==> flow/design.v <==
module dp_mem #(
  parameter DEPTH = 40,
  parameter W = 6,
  parameter NUM_RD = 2,
  parameter ADDR_W = $clog2(DEPTH)
) (
  input  wire CLK,
  input  wire clk_en,
  input  wire wr_en,
  input  wire [ADDR_W-1:0] wsel,
  input  wire [W-1:0] din,
  input  wire [NUM_RD*ADDR_W-1:0] rsel,
  output reg [NUM_RD*W-1:0] rd_data
);
  reg [DEPTH*W-1:0] ram;
  genvar k;
  generate
    for (k = 0; k < DEPTH; k = k + 1) begin : each
      always @(posedge CLK)
        if (clk_en && wr_en && wsel == k) ram[k*W +: W] <= din;
    end
  endgenerate
  reg [NUM_RD*W-1:0] work;
  integer j;
  integer i;
  always @* begin
    work = 0;
    for (j = 0; j < NUM_RD; j = j + 1) begin
      for (i = 0; i < DEPTH; i = i + 1)
        work[j*W +: W] = work[j*W +: W] | (ram[i*W +: W] & {W{rsel[j*ADDR_W +: ADDR_W] == i}});
    end
  end
  always @(posedge CLK) begin
    if (clk_en) begin
      rd_data <= work;
    end
  end
endmodule
# == Reports on dp_mem ==
# What the tools print for dp_mem, step after step.
# Line numbers count from 1 in the design file above.
# Cell names lack the library's common part.
# Not given: n/a
# inputs
top,dp_mem
clock,CLK
library,sky130hd
corner,tt_025C_1v80

# == Word-level counts ==
# Yosys after proc, flatten, opt, wreduce and memory -nomap, before mapping. Enables and synchronous resets that opt folds into registers are not counted as muxes. Memory bits, and registers merged into a memory's read port (data or address), are not among the register bits. Print and check cells are not counted. Equal cells are merged and count once.
# word_totals
elab_cells,360
register_bits,252
out_inout_bits,12
# classes
n_logic,158
n_eq,117
reduce_and_logical,44
# ops
operator,count
AND 6 bit,80
OR 6 bit,78
== test 6 x 5 -> 1 bit with constant B,48
== test 6 x 4 -> 1 bit with constant B,24
== test 6 bit with constant B,24
== test 6 x 3 -> 1 bit with constant B,12
logical AND 1 bit,41
== test 6 x 2 -> 1 bit with constant B,6
== test 6 x 1 -> 1 bit with constant B,3
logical NOT 6 bit,3

# == Longest topological paths ==
# Longest topological path by Yosys (ltp), each cell counted once; first at word level (registers and memories cut), then after technology mapping (sequential cells cut; the memories' decode and read muxes count).
# logic_depth
ltp_word,41
ABC_AREA,0
depth_mapped,9
ltp_nobuf,5

# == After synthesis ==
# Yosys stat after the flow's synthesis: flattened, memories mapped to cells. It holds for the ABC_AREA given above (unset counts as 0); a run with the other value may have another netlist.
# The area totals of this step are shown rounded.
# types
type,count,area_total_um2
edfxtp_1,252,7.57E+03
nand3_1,223,1116.07
mux2_2,33,371.606
nand4_1,58,362.848
a22oi_1,32,240.23
nor2_1,53,198.941
mux2i_1,19,190.182
buf_2,36,180.173
clkbuf_1,46,172.666
nand2_1,41,153.898
nor2b_1,18,112.608
nor4_1,17,106.352
a21oi_1,20,100.096
a22o_1,11,96.342
and3_1,15,93.84
nor3_1,15,75.072
nor4b_2,5,75.072
and3b_1,8,70.067
# Other cell types: 50; their cells: 167.
# synth_totals
ffs,252
cells,1069
n_buf,96
yosys_area_um2,12580

# == Path before layout ==
# Path of least setup slack by OpenSTA after synthesis, without wires, with an ideal clock, recovery checks aside; 20% of the period is set as input and as output delay. Where synthesis merged equal registers, the netlist keeps one of their names.
# synth_path
kind,input -> register
from,in wsel[4]
to,reg ram[48]
setup_time_ns,0.377
path_buffers,1
slack_ns,0.475
arrival_ns,2.118
tclk_ns,2.97
stages,4
required_time_ns,2.593
delay_ns,1.901
period_less_setup_slack_ns,2.495
# "delay_ns" is the arrival time less input delay plus setup time.
# "stages": output pins that drive a net of the path, with the launching flip-flop's if there is one; two outputs of one cell count as two.
# "period_less_setup_slack_ns" is the clock period less the worst setup slack; recovery checks do not enter. This is arithmetic on one report: input and output delays are still those of the set period (20% each).
# The rows between start and end are the longest chain of elaborated cells between them; the timing report does not say that the signal goes this way. Where chains are equally long, one stands for them.
# Each line given opens the expression or statement behind the cell; cells for indexed reads and writes are added by Yosys, which also makes memories of some case tables.
# synth_via
path_cell_list,or3_1 -> clkbuf_1 -> or3b_2 -> nor3_1
elab_chain_cells,2
# synth_rtl
item,line,source
from (decl),10,"input  wire [ADDR_W-1:0] wsel,"
== test 6 x 4 -> 1 bit,20,if (clk_en && wr_en && wsel == k) ram[k*W +: W] <= din;
logical AND 1 bit,20,
to (assign),20,
to (decl),15,reg [DEPTH*W-1:0] ram;

# == Path in the finished layout ==
# Path of least setup slack in the final report of job 1 (OpenROAD, finished layout, wires in). Where an end is a register, its clock arrival counts in the times.
# layout_path
kind,input -> register
from,in rsel[3]
to,reg rd_data[5]
setup_time_ns,0.17
stages,10
path_buffers,5
required_time_ns,3.33
slack_ns,0.10
tclk_ns,2.97
arrival_ns,3.23
# The rows between start and end are the longest chain of elaborated cells between them; the timing report does not say that the signal goes this way. Where chains are equally long, one stands for them.
# layout_via
path_cell_list,clkdlybuf4s50_1 -> buf_12 -> buf_4 -> nor2b_1 -> buf_4 -> nand3_1 -> o21ai_0 -> nor4_1 -> buf_4 -> nand4_1
elab_chain_cells,41
# layout_rtl
item,line,source
from (decl),12,"input  wire [NUM_RD*ADDR_W-1:0] rsel,"
logical NOT 6 bit,30,work[j*W +: W] = work[j*W +: W] | (ram[i*W +: W] & {W{rsel[j*ADDR_W +: ADDR_W] == i}});
AND 6 bit,30,
OR 6 bit x39,30,
to (assign),35,rd_data <= work;
to (decl),13,output reg [NUM_RD*W-1:0] rd_data

# Design dp_mem on sky130hd. What follows are 3 stored runs of the flow, each under its own settings; their order means nothing. The constraints put input and output delay at 20% of the set period each and load the outputs with 0.01 pF.
# "worst_path_allowed_less_slack_ns": the worst setup path's part of the clock period (all of it between registers, 20% less for each end at a port) less its slack. A launch clock that arrives late makes it longer, a capture clock that arrives late makes it shorter.
# The results are shown rounded.
# Among the settings, . means not set for that run.
# Results: . = not shown.
run,period_ns,CAP_MARGIN,CORE_MARGIN,CORE_UTILIZATION,SLEW_MARGIN,PLACE_DENSITY_LB_ADDON,HOLD_SLACK_MARGIN,CORE_ASPECT_RATIO,CTS_CLUSTER_SIZE,MAX_ROUTING_LAYER,CELL_PAD_IN_SITES_GLOBAL_PLACEMENT,TNS_END_PERCENT,ABC_AREA,synth_chip_area_um2,dieArea_um2,finish.stdcell_area_um2,util_pct,setup_worst_slack_ns,tns_setup_ns,fin_hold_ws_ns,worst_path_allowed_less_slack_ns,path_kind
job 1,2.97,20,2,40,20,.,.,.,.,.,.,.,.,12580,32900,15860,51.6,0.099,0.000,0.737,2.28,input -> register
job 2,3.93,20,2,72,25,0.3,0.04,1.22,63,met4,.,.,.,.,.,.,.,.,.,.,.,.
job 3,3.29,40,10,46,20,0.12,0.08,.,29,met5,2,30,0,12580,34370,15320,56.8,0.363,0.000,0.376,2.27,input -> register
# Job 2: did not finish, routing stopped with GRT-0116
